==> flow/design.v <==
module alu_compare_stage #(
    parameter DWIDTH = 16
) (
    input  aclk,
    input  reset,
    input  [DWIDTH-1:0] lhs,
    input  [DWIDTH-1:0] rhs,
    output [DWIDTH-1:0] mn,
    output [DWIDTH-1:0] mx
);
    reg [DWIDTH-1:0] lhs_s;
    reg [DWIDTH-1:0] rhs_s;
    always @(posedge aclk) begin
        if (reset) begin
            lhs_s <= 0;
            rhs_s <= 0;
        end else begin
            lhs_s <= lhs;
            rhs_s <= rhs;
        end
    end
    wire work;
    assign work = lhs_s < rhs_s;
    reg [DWIDTH-1:0] mn_s;
    always @(posedge aclk) begin
        if (reset) begin
            mn_s <= 0;
        end else begin
            mn_s <= work ? lhs_s : rhs_s;
        end
    end
    assign mn = mn_s;
    reg [DWIDTH-1:0] mx_s;
    always @(posedge aclk) begin
        if (reset) begin
            mx_s <= 0;
        end else begin
            mx_s <= work ? rhs_s : lhs_s;
        end
    end
    assign mx = mx_s;
endmodule
* Tool chain data of alu_compare_stage
Tool output for the design above, in the order of the flow.
Line numbers count from 1 in the design file above.
Operators carry their Yosys type and port widths (W data, S select, Z words).
Not given: --
- Top :: alu_compare_stage
- Clock input :: aclk
- Library :: sky130hd
- Corner :: tt_025C_1v80

* Elaborated design
Yosys after proc, flatten, opt, wreduce and memory -nomap, before mapping. Enables and synchronous resets that opt folds into registers are not counted as muxes. Memory bits, and registers merged into a memory's read port (data or address), are not among the register bits. Print and check cells are not counted. Equal cells are merged and count once.
- Order comparisons :: 1
- Mux-type cells :: 2
** Operators by type and width (count)
- $mux W16 :: 2
- $lt A16 B16 Y1 :: 1
- Bits in registers :: 64
- Input port bits :: 34
- Output and inout port bits :: 32
- Cells after elaboration :: 7

* Logic depth
Depth = most cells in a row (Yosys ltp): at word level without a register or memory, in the mapped netlist without a sequential cell, where the memories' decode and read muxes count.
- Depth in word-level cells :: 2
- ABC_AREA :: 0
- Gate-level depth with buffers :: 9
- Gate-level depth less buffers :: 7

* Netlist
Yosys stat after the flow's synthesis: flattened, memories mapped to cells. It holds for the ABC_AREA given above (unset counts as 0); a run with the other value may have another netlist.
** Cells by type
- sky130_fd_sc_hd__dfxtp_1 :: count 64, total area 1.28E+03 um^2
- sky130_fd_sc_hd__mux2i_1 :: count 32, total area 320.307 um^2
- sky130_fd_sc_hd__nor2b_1 :: count 33, total area 206.448 um^2
- sky130_fd_sc_hd__nand2b_1 :: count 31, total area 193.936 um^2
- sky130_fd_sc_hd__ha_1 :: count 15, total area 187.68 um^2
- sky130_fd_sc_hd__inv_1 :: count 16, total area 60.058 um^2
- sky130_fd_sc_hd__a2111oi_4 :: count 2, total area 55.053 um^2
- sky130_fd_sc_hd__clkbuf_1 :: count 7, total area 26.275 um^2
- sky130_fd_sc_hd__a21o_1 :: count 3, total area 22.522 um^2
- sky130_fd_sc_hd__nand4_1 :: count 3, total area 18.768 um^2
- sky130_fd_sc_hd__a2111oi_2 :: count 1, total area 15.014 um^2
- sky130_fd_sc_hd__a221oi_2 :: count 1, total area 15.014 um^2
- sky130_fd_sc_hd__buf_4 :: count 2, total area 15.014 um^2
- sky130_fd_sc_hd__nand2b_4 :: count 1, total area 13.763 um^2
- sky130_fd_sc_hd__o211ai_2 :: count 1, total area 12.512 um^2
- sky130_fd_sc_hd__a2111o_1 :: count 1, total area 11.261 um^2
- sky130_fd_sc_hd__buf_6 :: count 1, total area 11.261 um^2
- sky130_fd_sc_hd__a21oi_1 :: count 2, total area 10.01 um^2
Other cell types: 4; their cells: 4.
- Standard cells after synthesis :: 220
- Mapped area :: 2506.2 um^2
- Sequential area :: 1281.2 um^2
- Mapped flip-flops :: 64
- Buffers :: 10

* Timing after synthesis
Path of least setup slack by OpenSTA after synthesis, without wires, with an ideal clock, recovery checks aside; 20% of the period is set as input and as output delay. Where synthesis merged equal registers, the netlist keeps one of their names.
- Path type :: register to register
- Start :: reg rhs_s[9]
- End :: reg mn_s[11]
- Period :: 2.86 ns
- Library setup time :: 0.072 ns
- Time at the first pin :: 0.000 ns
- Arrival :: 2.214 ns
- Required time :: 2.788 ns
- Slack :: 0.574 ns
- Path delay :: 2.286 ns
- Stages on the path :: 9
- Path buffers :: 1
- Period reached after synthesis :: 2.286 ns
"path delay" = arrival - input delay + setup time.
"stages on the path" counts driving pins, that of a launching flip-flop among them; a cell with two outputs on the path counts twice.
"period reached after synthesis" is the clock period less the worst setup slack; recovery checks do not enter. This is arithmetic on one report: input and output delays are still those of the set period (20% each).
Between the ends stands the longest chain of elaborated cells between them, by number of cells; it is not shown to be the way that was timed. Of several equally long chains one is given.
Each line given opens the expression or statement behind the cell; cells for indexed reads and writes are added by Yosys, which also makes memories of some case tables.
- Path through :: sky130_fd_sc_hd__dfxtp_1 > sky130_fd_sc_hd__inv_1 > sky130_fd_sc_hd__ha_1 > sky130_fd_sc_hd__a21o_1 > sky130_fd_sc_hd__a221oi_2 > sky130_fd_sc_hd__o211ai_2 > sky130_fd_sc_hd__a2111oi_4 > sky130_fd_sc_hd__buf_6 > sky130_fd_sc_hd__mux2i_1
- Cells in the longest elaborated chain :: 2
- Elaborated cells on any way between the ends :: 2
- RTL lines with such cells :: 2
- Classes of those cells :: compare: 1; mux: 1
** Ends and longest elaborated chain, after synthesis
- start: declaration :: line 12 : reg [DWIDTH-1:0] rhs_s;
- start: assignment :: line 16 : rhs_s <= 0;
- start: assignment :: line 19 : rhs_s <= rhs;
- $lt A16 B16 Y1 :: line 23 : assign work = lhs_s < rhs_s;
- $mux W16 :: line 29 : mn_s <= work ? lhs_s : rhs_s;
- end: assignment :: line 27 : mn_s <= 0;
- end: assignment :: line 29
- end: declaration :: line 24 : reg [DWIDTH-1:0] mn_s;

* Worst path after layout
Path of least setup slack in the final report of stored run 2 (OpenROAD, finished layout, wires in). Where an end is a register, its clock arrival counts in the times.
- Path type :: register to register
- Start :: reg rhs_s[12]
- End :: reg mx_s[9]
- Period :: 2.68 ns
- Library setup time :: 0.08 ns
- Time at the first pin :: 0.33 ns
- Arrival :: 2.43 ns
- Required time :: 2.94 ns
- Slack :: 0.51 ns
- Stages on the path :: 9
- Path buffers :: 1
Between the ends stands the longest chain of elaborated cells between them, by number of cells; it is not shown to be the way that was timed. Of several equally long chains one is given.
- Path through :: sky130_fd_sc_hd__dfxtp_2 > sky130_fd_sc_hd__inv_2 > sky130_fd_sc_hd__ha_4 > sky130_fd_sc_hd__and4_4 > sky130_fd_sc_hd__nand4_1 > sky130_fd_sc_hd__a2111oi_4 > sky130_fd_sc_hd__a2111o_1 > sky130_fd_sc_hd__buf_6 > sky130_fd_sc_hd__mux2i_1
- Cells in the longest elaborated chain :: 2
- Elaborated cells on any way between the ends :: 2
- RTL lines with such cells :: 2
- Classes of those cells :: compare: 1; mux: 1
** Ends and longest elaborated chain, post-layout
- start: declaration :: line 12 : reg [DWIDTH-1:0] rhs_s;
- start: assignment :: line 16 : rhs_s <= 0;
- start: assignment :: line 19 : rhs_s <= rhs;
- $lt A16 B16 Y1 :: line 23 : assign work = lhs_s < rhs_s;
- $mux W16 :: line 38 : mx_s <= work ? rhs_s : lhs_s;
- end: assignment :: line 36 : mx_s <= 0;
- end: assignment :: line 38
- end: declaration :: line 33 : reg [DWIDTH-1:0] mx_s;

Hand-over note for alu_compare_stage

Design alu_compare_stage on sky130hd. What follows are 3 stored runs of the flow, each under its own settings; their order means nothing. The constraints put input and output delay at 20% of the set period each and load the outputs with 0.01 pF.
"achieved period": clock period set for the run, less the worst setup slack. It is reckoned from that one timing run; input and output delays stay at 20% of the period that was set.
"critical setup path time" means the part of the period allowed to the worst setup path (the constraints hold back 20% at inputs and 20% at outputs) less its slack; where the path has registers, the arrival times of their clocks count too.
"overall power" is the tool's figure for a default switching activity; nothing was simulated.

** Stored run 1
- Settings :: period_ns=2.61; CORE_UTILIZATION=72; SETUP_SLACK_MARGIN=0.58; PLACE_DENSITY_LB_ADDON=0.26; CELL_PAD_IN_SITES_DETAIL_PLACEMENT=1; GPL_ROUTABILITY_DRIVEN=0; SLEW_MARGIN=10; MAX_ROUTING_LAYER=met5; CAP_MARGIN=20; CORE_MARGIN=2
- Outcome :: incomplete, placement halted on FLW-0024

** Stored run 2
- Settings :: period_ns=2.68; CORE_UTILIZATION=52; SETUP_SLACK_MARGIN=0.49; PLACE_DENSITY_LB_ADDON=0.3; CORE_MARGIN=8; SLEW_MARGIN=5; CAP_MARGIN=20
- Synthesized cell area :: 2506.2 um^2
- Total negative slack :: 0.000 ns
- Worst slack on setup checks :: 0.510 ns
- Achieved period :: 2.170 ns
- Post-route worst hold slack :: 0.502 ns
- Standard-cell area of the final layout :: 3629.7 um^2
- Die area :: 7296.6 um^2
- Utilization of the finished layout :: 0.774
- Overall power :: 0.00234 W
- Critical setup path time :: 2.17 ns
- Worst setup path kind :: register to register

** Stored run 3
- Settings :: period_ns=2.86; CAP_MARGIN=20; CORE_MARGIN=2; CORE_UTILIZATION=40; SLEW_MARGIN=20
- Synthesized cell area :: 2506.2 um^2
- Total negative slack :: 0.000 ns
- Worst slack on setup checks :: 0.557 ns
- Achieved period :: 2.303 ns
- Post-route worst hold slack :: 0.495 ns
- Standard-cell area of the final layout :: 3437.1 um^2
- Die area :: 6914.8 um^2
- Utilization of the finished layout :: 0.574
- Overall power :: 0.002075 W
- Critical setup path time :: 2.30 ns
- Worst setup path kind :: register to register

End of note.
